==> flow/design.v <==
module rf_n #(
    parameter NREGS = 64,
    parameter DATA_WIDTH = 4,
    parameter ABITS = $clog2(NREGS)
) (
    input wire clk,
    input wire clr,
    input wire valid,
    input wire wr,
    input wire [ABITS-1:0] wr_idx,
    input wire [DATA_WIDTH-1:0] write_data,
    input wire [ABITS-1:0] rsel1,
    input wire [ABITS-1:0] rsel2,
    output wire [DATA_WIDTH-1:0] read_data1,
    output wire [DATA_WIDTH-1:0] read_data2
);
    reg wr_d1;
    always @(posedge clk) begin
        if (clr) begin
            wr_d1 <= 1'b0;
        end else if (valid) begin
            wr_d1 <= wr;
        end
    end
    reg [ABITS-1:0] wr_idx_d1;
    always @(posedge clk) begin
        if (clr) begin
            wr_idx_d1 <= 0;
        end else if (valid) begin
            wr_idx_d1 <= wr_idx;
        end
    end
    reg [DATA_WIDTH-1:0] write_data_d1;
    always @(posedge clk) begin
        if (clr) begin
            write_data_d1 <= 0;
        end else if (valid) begin
            write_data_d1 <= write_data;
        end
    end
    reg [DATA_WIDTH-1:0] regs [NREGS-1:0];
    always @(posedge clk) begin
        if (valid && wr_d1 && wr_idx_d1 != 0)
            regs[wr_idx_d1] <= write_data_d1;
    end
    reg [ABITS-1:0] rsel1_d1;
    always @(posedge clk) begin
        if (clr) begin
            rsel1_d1 <= 0;
        end else if (valid) begin
            rsel1_d1 <= rsel1;
        end
    end
    reg [ABITS-1:0] rsel2_d1;
    always @(posedge clk) begin
        if (clr) begin
            rsel2_d1 <= 0;
        end else if (valid) begin
            rsel2_d1 <= rsel2;
        end
    end
    assign read_data1 = (rsel1_d1 == 0) ? {DATA_WIDTH{1'b0}} : regs[rsel1_d1];
    assign read_data2 = (rsel2_d1 == 0) ? {DATA_WIDTH{1'b0}} : regs[rsel2_d1];
endmodule
== Tool chain data of rf_n ==
What the tools print for rf_n, step after step.
Line numbers count from 1 in the design file above.
A cell with n/a has no value.

* Design top: rf_n
* Clock input: clk
* Standard-cell library: sky130hd
* Corner: tt_025C_1v80

== Word-level counts ==
Source: Yosys, flattened and elaborated, memories not mapped. Widths are those after wreduce. Print and check cells do not count. Equal cells are merged and count once.
Memory sizes are those after Yosys's memory passes, which may raise the word count (mostly to a power of two), join words into wider ones and drop unused or constant bits.

* Register bits: 23
* RAM bits: 256
* Word width x clocked read ports: 8
* Memories: 1
* Input bits: 26
* Output and inout bits: 8
* Word-level cells: 20

{| class="wikitable"
|+ Memory list
! memory !! depth !! bits a word !! rd ports !! write ports !! line !! RTL
|-
| regs || 64 || 4 || 2 || 1 || 41 || <nowiki>reg [DATA_WIDTH-1:0] regs [NREGS-1:0];</nowiki>
|}

* Mux-type cells: 9
* Reduce/logical cells: 5

{| class="wikitable"
|+ Operator list
! operator !! count
|-
| 6-bit two-way mux || 5
|-
| 6-bit logical NOT || 2
|-
| 4-bit two-way mux || 3
|-
| 6-bit nonzero test || 1
|-
| 1-bit logical AND || 2
|-
| 1-bit two-way mux || 1
|}

== Logic depth ==
Depth = most cells in a row (Yosys ltp): at word level without a register or memory, in the mapped netlist without a sequential cell, where the memories' decode and read muxes count.

* Depth after elaboration: 3
* ABC_AREA: 1
* Gate-level depth with buffers: 11
* Gate-level depth less buffers: 9

== After synthesis ==
Yosys stat after the flow's synthesis: flattened, memories mapped to cells. It holds for the ABC_AREA given above (unset counts as 0); a run with the other value may have another netlist.
The area totals of this step are shown rounded.

* Cells in the netlist: 1656
* Mapped area: 14260 µm²
* Area of sequential cells: 8388 µm²
* Flip-flop cells: 291
* Buffer cells: 111

{| class="wikitable"
|+ Cell types
! cell !! count
|-
| sky130_fd_sc_hd__edfxtp_1 || 256
|-
| sky130_fd_sc_hd__nand2_1 || 678
|-
| sky130_fd_sc_hd__nand3_1 || 440
|-
| sky130_fd_sc_hd__dfxtp_1 || 35
|-
| sky130_fd_sc_hd__buf_2 || 71
|-
| sky130_fd_sc_hd__nor2_1 || 69
|-
| sky130_fd_sc_hd__a21oi_1 || 25
|-
| sky130_fd_sc_hd__clkbuf_1 || 22
|-
| sky130_fd_sc_hd__inv_1 || 19
|-
| sky130_fd_sc_hd__a211oi_1 || 6
|-
| sky130_fd_sc_hd__buf_4 || 6
|-
| sky130_fd_sc_hd__buf_1 || 11
|-
| sky130_fd_sc_hd__nand4_1 || 6
|-
| sky130_fd_sc_hd__nor3_1 || 4
|-
| sky130_fd_sc_hd__or4_1 || 2
|-
| sky130_fd_sc_hd__buf_6 || 1
|-
| sky130_fd_sc_hd__inv_2 || 3
|-
| sky130_fd_sc_hd__nand2_2 || 1
|-
| sky130_fd_sc_hd__conb_1 || 1
|}

== Path before layout ==
Path of least setup slack by OpenSTA after synthesis, without wires, with an ideal clock, recovery checks aside; 20% of the period is set as input and as output delay. Where synthesis merged equal registers, the netlist keeps one of their names.

* Path type: reg-to-output
* From: reg (no name shown)
* To: out read_data2[0]
* Clock period: 3.01 ns
* Output delay: 0.602 ns
* Time at the first pin: 0.000 ns
* Arrival: 1.346 ns
* Setup slack: 1.062 ns
* Delay of the path: 1.346 ns
* Stages on the path: 10
* Synthesis period reached: 1.948 ns

"delay of the path" is the arrival time less input delay plus setup time.
A path that ends at an output port has no setup time.
"stages on the path" counts driving pins, that of a launching flip-flop among them; a cell with two outputs on the path counts twice.
"synthesis period reached" = period - worst setup slack (recovery checks aside). The figure is calculated, with input and output delays left at 20% of the set period.

* Path through: sky130_fd_sc_hd__dfxtp_1 > sky130_fd_sc_hd__buf_2 > sky130_fd_sc_hd__inv_1 > sky130_fd_sc_hd__clkbuf_1 > sky130_fd_sc_hd__nand3_1 > sky130_fd_sc_hd__nand2_1 > sky130_fd_sc_hd__nand2_1 > sky130_fd_sc_hd__nand3_1 > sky130_fd_sc_hd__nand3_1 > sky130_fd_sc_hd__a21oi_1

{| class="wikitable"
|+ Ends and longest elaborated chain, after synthesis
! element !! line !! RTL
|-
| end: declaration || 15 || <nowiki>output wire [DATA_WIDTH-1:0] read_data2</nowiki>
|}

No chain of elaborated cells between the ends is given.

== Path in the finished layout ==
From the final timing report of run 1: the path of least setup slack in the routed layout; clock arrival at registers is part of the times.

* Path type: reg-to-output
* From: reg (no name shown)
* To: out read_data2[1]
* Clock period: 4.24 ns
* Output delay: 0.85 ns
* Time at the first pin: 0.52 ns
* Arrival: 3.24 ns
* Setup slack: 0.15 ns
* Stages on the path: 12

* Path through: sky130_fd_sc_hd__dfxtp_4 > sky130_fd_sc_hd__inv_4 > sky130_fd_sc_hd__buf_4 > sky130_fd_sc_hd__nand2_1 > sky130_fd_sc_hd__nand3_1 > sky130_fd_sc_hd__nand3_1 > sky130_fd_sc_hd__nand2_1 > sky130_fd_sc_hd__nand2_1 > sky130_fd_sc_hd__nand3_1 > sky130_fd_sc_hd__nand3_1 > sky130_fd_sc_hd__a21oi_1 > sky130_fd_sc_hd__clkdlybuf4s50_1

{| class="wikitable"
|+ Ends and longest elaborated chain, post-layout
! element !! line !! RTL
|-
| end: declaration || 15 || <nowiki>output wire [DATA_WIDTH-1:0] read_data2</nowiki>
|}

No chain of elaborated cells between the ends is given.

Hand-over note for rf_n

rf_n through Yosys and OpenROAD on sky130hd: 3 stored runs, unordered, with their settings and measured results. The constraints put input and output delay at 20% of the set period each and load the outputs with 0.01 pF.
Results are given in rounded form.

=== Run 1 ===
{| class="wikitable"
! Setting !! Value
|-
| period_ns || 4.24
|-
| CORE_UTILIZATION || 27
|-
| PLACE_DENSITY_LB_ADDON || 0.04
|-
| CORE_ASPECT_RATIO || 1.43
|-
| CORE_MARGIN || 7
|-
| CELL_PAD_IN_SITES_GLOBAL_PLACEMENT || 0
|-
| ABC_AREA || 1
|-
| GPL_TIMING_DRIVEN || 1
|-
| CAP_MARGIN || 0
|-
| SLEW_MARGIN || 10
|-
| MAX_ROUTING_LAYER || met5
|-
! Result !! Value
|-
| Chip area after synthesis (Yosys) || 14260 µm²
|-
| Full die area || 59570 µm²
|-
| Standard-cell area after routing || 16380 µm²
|-
| Worst setup slack after layout || 0.152 ns
|-
| Worst-case hold slack || 0.476 ns
|}

=== Run 2 ===
{| class="wikitable"
! Setting !! Value
|-
| period_ns || 3.01
|-
| CAP_MARGIN || 20
|-
| CORE_MARGIN || 2
|-
| CORE_UTILIZATION || 40
|-
| SLEW_MARGIN || 20
|-
! Result !! Value
|-
| Chip area after synthesis (Yosys) || 13430 µm²
|-
| Full die area || 35050 µm²
|-
| Standard-cell area after routing || 16540 µm²
|-
| Worst setup slack after layout || -0.308 ns
|-
| Worst-case hold slack || 0.457 ns
|}

=== Run 3 ===
{| class="wikitable"
! Setting !! Value
|-
| period_ns || 2.43
|-
| CORE_UTILIZATION || 43
|-
| PLACE_DENSITY || 0.7
|-
| CORE_MARGIN || 10
|-
| CELL_PAD_IN_SITES_GLOBAL_PLACEMENT || 0
|-
| CTS_CLUSTER_SIZE || 33
|-
| CAP_MARGIN || 20
|-
| SLEW_MARGIN || 20
|-
! Result !! Value
|-
| Chip area after synthesis (Yosys) || 13430 µm²
|-
| Full die area || 38690 µm²
|-
| Standard-cell area after routing || 16890 µm²
|-
| Worst setup slack after layout || -0.788 ns
|-
| Worst-case hold slack || 0.524 ns
|}

End of note.
